==> flow/design.v <==
module alu_mux_top #(
  parameter integer DW = 12,
  parameter integer N = 4,
  parameter integer SW = $clog2(N)
) (
  input  logic aclk,
  input  logic enable,
  input  logic [N*DW-1:0] ch_i,
  input  logic [SW-1:0] s_i,
  output logic [DW-1:0] z_o_o
);
  wire [DW-1:0] arr [0:N-1];
  generate
    for (genvar g = 0; g < N; g++) begin : gen
      assign arr[g] = ch_i[g*DW +: DW];
    end
  endgenerate
  always_ff @(posedge aclk) begin
    if (enable) begin
      z_o_o <= arr[s_i];
    end
  end
endmodule
---- Reports on alu_mux_top ----
The steps from the RTL of alu_mux_top to its reports follow in flow order.
Lines are those of the file above, counted from 1.
Cell names lack the library's common part.
A cell with n/a has no value.
inputs
  top module .............................. alu_mux_top
  clock input ............................. aclk
  library ................................. sky130hd
  library corner .......................... tt_025C_1v80

---- Word-level counts ----
Source: Yosys, flattened and elaborated, memories not mapped. Widths are those after wreduce. Registers that Yosys merges into a memory's read port (data or address) are not register bits. Print and check cells do not count. Equal cells are merged and count once.
operators by class
  reductions and logical operators ........ 1
  muxes and demuxes ....................... 1
  equal/unequal tests ..................... 3
operator list
  kind                                                                    number
  12-bit parallel mux with 4-bit select                                   1
  2-bit equality test (second input constant)                             2
  2-bit by 1-bit equality test with 1-bit output (second input constant)  1
  2-bit logical NOT                                                       1
bit counts
  output and inout port bits .............. 12
  register bits after elaboration ......... 12

---- Longest topological paths ----
Longest topological path by Yosys (ltp), each cell counted once; first at word level (registers and memories cut), then after technology mapping (sequential cells cut; the memories' decode and read muxes count).
logic depth
  depth after elaboration ................. 2
  ABC_AREA ................................ 1
  gate-level depth with buffers ........... 5
  depth with buffers taken out ............ 3

---- Netlist ----
The flow's flattened synthesis, as Yosys stat reports it; memories are mapped. The netlist is that of the ABC_AREA named above (0 if unset); the other value can give another one.
Totals and module areas in this step are rounded.
cell types
  cell type  number  total area (µm²)
  edfxtp_1   12      360.346
  nand3_1    36      180.173
  nand4_1    12      75.072
  buf_6      5       56.304
  nand2_1    12      45.043
  buf_4      4       30.029
  nor2_4     1       11.261
  inv_2      2       7.507
mapped netlist
  cells in the netlist .................... 84
  buffer cells ............................ 9
  mapped area ............................. 766 µm²
  mapped flip-flops ....................... 12
  area of sequential cells ................ 360 µm²

---- Timing after synthesis ----
Source: OpenSTA report_checks on the synthesized netlist (no wires, ideal clock, input and output delay 20% of the period each), path of least setup slack; recovery checks are left aside. Register names are those of the netlist, which keeps one name where synthesis merged equal registers.
timing after synthesis
  kind .................................... input-to-reg
  from .................................... in s_i[0]
  to ...................................... reg z_o_o[7]
  driving pins on the path ................ 4
  clock period ............................ 1.42 ns
  delay of the path ....................... 0.684 ns
  input delay ............................. 0.284 ns
  buffers on the path ..................... 2
  setup slack ............................. 0.452 ns
  data arrival time ....................... 0.704 ns
  library setup time ...................... 0.264 ns
  period reached after synthesis .......... 0.968 ns
"delay of the path" is the arrival time less input delay plus setup time.
"driving pins on the path": output pins that drive a net of the path, with the launching flip-flop's if there is one; two outputs of one cell count as two.
"period reached after synthesis" is the clock period less the worst setup slack; recovery checks do not enter. This is arithmetic on one report: input and output delays are still those of the set period (20% each).
The rows between start and end are the longest chain of elaborated cells between them; the timing report does not say that the signal goes this way. Where chains are equally long, one stands for them.
Each line given opens the expression or statement behind the cell; cells for indexed reads and writes are added by Yosys, which also makes memories of some case tables.
between the ends, after synthesis
  path through ............................ buf_6 -> buf_4 -> nand3_1 -> nand4_1
  cells in the longest elaborated chain ... 2
  elaborated cells between the ends (all ways) .. 5
  source lines of those cells ............. 1
  classes of those cells .................. 3 x eq/ne; 1 x mux; 1 x reduce/logical
RTL lines, path after synthesis
  what                                   line  source
  start: declaration                     9     input  logic [SW-1:0] s_i,
  2-bit equality test                    20    z_o_o <= arr[s_i];
  12-bit parallel mux with 4-bit select  20
  end: assignment                        20
  end: declaration                       10    output logic [DW-1:0] z_o_o

---- Worst path after layout ----
Path of least setup slack in the final report of job 1 (OpenROAD, finished layout, wires in). Where an end is a register, its clock arrival counts in the times.
timing post-layout
  kind .................................... reg-to-output
  from .................................... reg z_o_o[9]
  to ...................................... out z_o_o[9]
  buffers on the path ..................... 1
  setup slack ............................. 0.08 ns
  external output delay ................... 0.23 ns
  clock period ............................ 1.14 ns
  driving pins on the path ................ 2
  data arrival time ....................... 0.84 ns
between the ends, post-layout
  path through ............................ edfxtp_1 -> buf_2
  cells in the longest elaborated chain ... 0
  elaborated cells between the ends (all ways) .. 0
  source lines of those cells ............. 0
RTL lines, path post-layout
  what                line  source
  start: declaration  10    output logic [DW-1:0] z_o_o
  start: assignment   20    z_o_o <= arr[s_i];
  end: declaration    10

# Flow runs of alu_mux_top

Record of 3 stored runs of the RTL-to-layout flow on alu_mux_top, platform sky130hd. The runs are unordered. Constraints: input delay and output delay 20% of the set period each, output load 0.01 pF.
"achieved period" means the clock period less the worst setup slack. The figure is calculated, with input and output delays left at 20% of the set period.
"time used up by the worst setup path" is the time allowed to the run's worst setup path (the clock period less input and output delay, where it has them) less its slack. Clock arrival times count: a late capture clock shortens it, a late launch clock lengthens it.
"total power of the final layout" rests on the timing tool's default activity at the inputs, not on a simulated workload.
Values from the reports are rounded here.

======== job 1 ========
==> flow/run.sh <==
#!/bin/bash
# the make line also repeats the synthesis and layout settings of config.mk as NAME=value (left out here)
make -C /OpenROAD-flow-scripts/flow DESIGN_CONFIG=/design/flow/config.mk WORK_HOME=/design/flow/orfs CLKGATE_MAP_FILE= finish
==> flow/config.mk <==
export PLATFORM = sky130hd
export DESIGN_NAME = alu_mux_top
export DESIGN_NICKNAME = alu_mux_top
export VERILOG_FILES = /design/flow/design.v
export SDC_FILE = /design/flow/constraint.sdc
export NUM_CORES = 4
export LEC_CHECK = 0
export ABC_AREA = 1
export CAP_MARGIN = 20
export CORE_MARGIN = 2
export CORE_UTILIZATION = 49
export CTS_CLUSTER_DIAMETER = 310
export GPL_TIMING_DRIVEN = 1
export PLACE_DENSITY = 0.9
export SETUP_SLACK_MARGIN = 0.06
export SLEW_MARGIN = 20
==> flow/constraint.sdc <==
create_clock -name core_clock -period 1.14 [get_ports {aclk}]
set_input_delay 0.2280 -clock core_clock [delete_from_list [all_inputs] [get_ports {aclk}]]
set_output_delay 0.2280 -clock core_clock [all_outputs]
set_load 0.01 [all_outputs]

-------- measured, job 1 --------
  chip area after synthesis (Yosys) ....... 766 µm²
  area inside the die boundary ............ 1890 µm²
  standard-cell area after layout ......... 1370 µm²
  post-route utilization .................. 92.3 %
  worst setup slack after layout .......... 0.075 ns
  total negative slack .................... 0.000 ns
  final worst hold slack .................. 0.618 ns
  total power of the final layout ......... 1240 µW
  achieved period ......................... 1.065 ns
  time used up by the worst setup path .... 0.84 ns
  class of the worst setup path ........... reg-to-output

======== job 2 ========
==> flow/run.sh <==
#!/bin/bash
# the make line also repeats the synthesis and layout settings of config.mk as NAME=value (left out here)
make -C /OpenROAD-flow-scripts/flow DESIGN_CONFIG=/design/flow/config.mk WORK_HOME=/design/flow/orfs CLKGATE_MAP_FILE= finish
==> flow/config.mk <==
export PLATFORM = sky130hd
export DESIGN_NAME = alu_mux_top
export DESIGN_NICKNAME = alu_mux_top
export VERILOG_FILES = /design/flow/design.v
export SDC_FILE = /design/flow/constraint.sdc
export NUM_CORES = 4
export LEC_CHECK = 0
export CAP_MARGIN = 20
export CORE_MARGIN = 2
export CORE_UTILIZATION = 40
export SLEW_MARGIN = 20
==> flow/constraint.sdc <==
create_clock -name core_clock -period 1.42 [get_ports {aclk}]
set_input_delay 0.2840 -clock core_clock [delete_from_list [all_inputs] [get_ports {aclk}]]
set_output_delay 0.2840 -clock core_clock [all_outputs]
set_load 0.01 [all_outputs]

-------- measured, job 2 --------
  chip area after synthesis (Yosys) ....... 654 µm²
  area inside the die boundary ............ 1980 µm²
  standard-cell area after layout ......... 1380 µm²
  post-route utilization .................. 90.6 %
  worst setup slack after layout .......... 0.144 ns
  total negative slack .................... 0.000 ns
  final worst hold slack .................. 0.750 ns
  total power of the final layout ......... 1010 µW
  achieved period ......................... 1.276 ns
  time used up by the worst setup path .... 0.99 ns
  class of the worst setup path ........... reg-to-output

======== job 3 ========
==> flow/run.sh <==
#!/bin/bash
# the make line also repeats the synthesis and layout settings of config.mk as NAME=value (left out here)
make -C /OpenROAD-flow-scripts/flow DESIGN_CONFIG=/design/flow/config.mk WORK_HOME=/design/flow/orfs CLKGATE_MAP_FILE= finish
==> flow/config.mk <==
export PLATFORM = sky130hd
export DESIGN_NAME = alu_mux_top
export DESIGN_NICKNAME = alu_mux_top
export VERILOG_FILES = /design/flow/design.v
export SDC_FILE = /design/flow/constraint.sdc
export NUM_CORES = 4
export LEC_CHECK = 0
export CAP_MARGIN = 30
export CELL_PAD_IN_SITES_GLOBAL_PLACEMENT = 3
export CORE_MARGIN = 2
export CORE_UTILIZATION = 35
export GPL_TIMING_DRIVEN = 0
export MAX_ROUTING_LAYER = met5
export MIN_ROUTING_LAYER = met2
export PLACE_DENSITY_LB_ADDON = 0.03
export SETUP_SLACK_MARGIN = 0.2
export SLEW_MARGIN = 20
export TNS_END_PERCENT = 65
==> flow/constraint.sdc <==
create_clock -name core_clock -period 0.79 [get_ports {aclk}]
set_input_delay 0.1580 -clock core_clock [delete_from_list [all_inputs] [get_ports {aclk}]]
set_output_delay 0.1580 -clock core_clock [all_outputs]
set_load 0.01 [all_outputs]

-------- job 3 --------
  stopped before the end: placement reported FLW-0024
